==> flow/design.v <==
module ex_compare_v2 #(
   parameter DWIDTH = 64
) (
   input clock,
   input [DWIDTH-1:0] a,
   input [DWIDTH-1:0] b,
   input [DWIDTH-1:0] c,
   output ok
);
   reg [DWIDTH-1:0] a_reg;
   reg [DWIDTH-1:0] b_reg;
   reg [DWIDTH-1:0] c_reg;
   always @(posedge clock) begin
      a_reg <= a;
      b_reg <= b;
      c_reg <= c;
   end
   assign ok = (a_reg >= b_reg) && (a_reg <= c_reg);
endmodule
Step by step through the tools: ex_compare_v2
The steps from the RTL of ex_compare_v2 to its reports follow in flow order.
Lines are those of the file above, counted from 1.
Library cell names are shortened.
{"block": "setup", "top": "ex_compare_v2", "clk_port": "clock", "library": "sky130hd", "lib_corner": "tt_025C_1v80"}

Word-level counts
Counts by Yosys on the flattened word-level netlist (proc, flatten, opt, wreduce; memories kept). Register bits leave out memories and registers merged into their read ports (data or address); mux counts leave out enables and synchronous resets folded into registers. Print and check cells are left out. Cells with the same type and inputs are merged into one.
{"block": "word_totals", "register_bits": 192, "input_bits": 193, "elab_cells": 6}
{"block": "classes", "cmp": 2, "reduce_and_logical": 1}
{"block": "ops", "op": "greater-or-equal comparator 64 bit", "n": 1}
{"block": "ops", "op": "<= comparator 64 bit", "n": 1}
{"block": "ops", "op": "logical AND 1 bit", "n": 1}

Depth
Depth = most cells in a row (Yosys ltp): at word level without a register or memory, in the mapped netlist without a sequential cell, where the memories' decode and read muxes count.
{"block": "logic_depth", "depth_word": 2, "abc_area": 0, "depth_mapped": 9}

After synthesis
Yosys stat after the flow's synthesis: flattened, memories mapped to cells. It holds for the ABC_AREA given above (unset counts as 0); a run with the other value may have another netlist.
Totals and module areas in this step are rounded.
{"block": "synth_totals", "cell_count": 639, "area_mm2": 0.00707, "seq_area_mm2": 0.00384, "ff_cells": 192}
{"block": "by_type", "cell": "dfxtp_1", "n": 192, "area_total_um2": 3.84E+03}
{"block": "by_type", "cell": "ha_1", "n": 128, "area_total_um2": 1.6E+03}
{"block": "by_type", "cell": "inv_1", "n": 129, "area_total_um2": 484.214}
{"block": "by_type", "cell": "a21oi_1", "n": 41, "area_total_um2": 205.197}
{"block": "by_type", "cell": "nand4_1", "n": 20, "area_total_um2": 125.12}
{"block": "by_type", "cell": "a21o_1", "n": 15, "area_total_um2": 112.608}
{"block": "by_type", "cell": "nand2_1", "n": 26, "area_total_um2": 97.594}
{"block": "by_type", "cell": "nand3_1", "n": 14, "area_total_um2": 70.067}
{"block": "by_type", "cell": "o21ai_0", "n": 10, "area_total_um2": 50.048}
{"block": "by_type", "cell": "a211oi_1", "n": 6, "area_total_um2": 45.043}
{"block": "by_type", "cell": "nor2_1", "n": 12, "area_total_um2": 45.043}
{"block": "by_type", "cell": "nand4_2", "n": 3, "area_total_um2": 37.536}
{"block": "by_type", "cell": "and4_1", "n": 4, "area_total_um2": 35.034}
{"block": "by_type", "cell": "a221o_1", "n": 3, "area_total_um2": 30.029}
{"block": "by_type", "cell": "a2111o_1", "n": 2, "area_total_um2": 22.522}
{"block": "by_type", "cell": "o211ai_1", "n": 3, "area_total_um2": 22.522}
{"block": "by_type", "cell": "nor4_4", "n": 1, "area_total_um2": 21.27}
{"block": "by_type", "cell": "nor2b_1", "n": 3, "area_total_um2": 18.768}
Other cell types: 19; their cells: 27.

Worst setup path after synthesis
Source: OpenSTA report_checks on the synthesized netlist (no wires, ideal clock, input and output delay 20% of the period each), path of least setup slack; recovery checks are left aside. Register names are those of the netlist, which keeps one name where synthesis merged equal registers.
{"block": "synth_timing", "path_kind": "reg-to-output", "start": "register c_reg[17]", "end": "output port ok", "period_ps": 3050, "output_delay_ps": 610, "launch_ps": 0, "arrival_time_ps": 1955, "setup_slack_ps": 485, "path_delay_ps": 1955, "path_stages": 10, "n_path_buf": 0, "synth_period_reached_ps": 2565}
"path_delay_ps" = arrival - input delay + setup time.
A path that ends at an output port has no setup time.
"path_stages" counts driving pins, that of a launching flip-flop among them; a cell with two outputs on the path counts twice.
"synth_period_reached_ps" is the clock period less the worst setup slack; recovery checks do not enter. This is arithmetic on one report: input and output delays are still those of the set period (20% each).
The rows between start and end are the longest chain of elaborated cells between them; the timing report does not say that the signal goes this way. Where chains are equally long, one stands for them.
Each line given opens the expression or statement behind the cell; cells for indexed reads and writes are added by Yosys, which also makes memories of some case tables.
{"block": "synth_via", "path_cell_list": "dfxtp_1 -> inv_1 -> ha_1 -> a21o_1 -> a221o_1 -> a221oi_2 -> nor2_1 -> nor4_1 -> o211ai_1 -> a2bb2oi_2", "elab_chain_cells": 2, "cone_cells": 2}
{"block": "synth_rtl", "element": "from (decl)", "line_no": 12, "text": "reg [DWIDTH-1:0] c_reg;"}
{"block": "synth_rtl", "element": "from (assign)", "line_no": 16, "text": "c_reg <= c;"}
{"block": "synth_rtl", "element": "<= comparator 64 bit", "line_no": 18, "text": "assign ok = (a_reg >= b_reg) && (a_reg <= c_reg);"}
{"block": "synth_rtl", "element": "logical AND 1 bit", "line_no": 18}
{"block": "synth_rtl", "element": "to (decl)", "line_no": 8, "text": "output ok"}

Worst path after layout
From the final timing report of flow run A: the path of least setup slack in the routed layout; clock arrival at registers is part of the times.
The path's times are printed in steps of 10 ps; the period is the one set.
{"block": "layout_timing", "path_kind": "reg-to-output", "start": "register a_reg[22]", "end": "output port ok", "period_ps": 1580, "output_delay_ps": 320, "launch_ps": 430, "arrival_time_ps": 2560, "setup_slack_ps": -1300, "path_stages": 9, "n_path_buf": 1}
The rows between start and end are the longest chain of elaborated cells between them; the timing report does not say that the signal goes this way. Where chains are equally long, one stands for them.
{"block": "layout_via", "path_cell_list": "dfxtp_1 -> ha_4 -> and4_1 -> a221o_1 -> a2111o_1 -> o21ai_2 -> a211oi_2 -> a2bb2oi_2 -> buf_4", "elab_chain_cells": 2, "cone_cells": 3}
{"block": "layout_rtl", "element": "from (decl)", "line_no": 10, "text": "reg [DWIDTH-1:0] a_reg;"}
{"block": "layout_rtl", "element": "from (assign)", "line_no": 14, "text": "a_reg <= a;"}
{"block": "layout_rtl", "element": "greater-or-equal comparator 64 bit", "line_no": 18, "text": "assign ok = (a_reg >= b_reg) && (a_reg <= c_reg);"}
{"block": "layout_rtl", "element": "logical AND 1 bit", "line_no": 18}
{"block": "layout_rtl", "element": "to (decl)", "line_no": 8, "text": "output ok"}

Lab notebook: ex_compare_v2

ex_compare_v2 through Yosys and OpenROAD on sky130hd: 3 stored runs, unordered, with their settings and measured results. The constraints put input and output delay at 20% of the set period each and load the outputs with 0.01 pF.
"achieved_period_ps": clock period set for the run, less the worst setup slack. It is reckoned from that one timing run; input and output delays stay at 20% of the period that was set.
"power.total_uw" rests on the timing tool's default activity at the inputs, not on a simulated workload.
Measured values are rounded.

{"run": "flow run A", "settings": { "period_ns": 1.58, "CORE_UTILIZATION": 51, "PLACE_DENSITY_LB_ADDON": 0.15, "HOLD_SLACK_MARGIN": 0.17, "CTS_CLUSTER_DIAMETER": 233, "SLEW_MARGIN": 15, "MAX_ROUTING_LAYER": "met4", "CAP_MARGIN": 20, "CORE_MARGIN": 2 }, "results": { "tns_ps": -1300, "total_die_area_mm2": 0.0148, "achieved_period_ps": 2879, "power.total_uw": 10800, "yosys.chip_area_mm2": 0.00707, "final_util_frac": 0.771, "setup_ws_ps": -1300 }}
{"run": "flow run B", "settings": { "period_ns": 3.05, "CAP_MARGIN": 20, "CORE_MARGIN": 2, "CORE_UTILIZATION": 40, "SLEW_MARGIN": 20 }, "results": { "tns_ps": -215, "total_die_area_mm2": 0.0188, "achieved_period_ps": 3265, "power.total_uw": 5580, "yosys.chip_area_mm2": 0.00707, "final_util_frac": 0.609, "setup_ws_ps": -215 }}
{"run": "flow run C", "settings": { "period_ns": 3.96, "CORE_UTILIZATION": 53, "SETUP_SLACK_MARGIN": 1.03, "PLACE_DENSITY": 0.87, "CELL_PAD_IN_SITES_GLOBAL_PLACEMENT": 3, "CELL_PAD_IN_SITES_DETAIL_PLACEMENT": 1, "ABC_AREA": 1, "GPL_ROUTABILITY_DRIVEN": 0, "CAP_MARGIN": 15, "SLEW_MARGIN": 5, "CORE_MARGIN": 2 }, "outcome": "no results, placement failed with GPL-0301"}
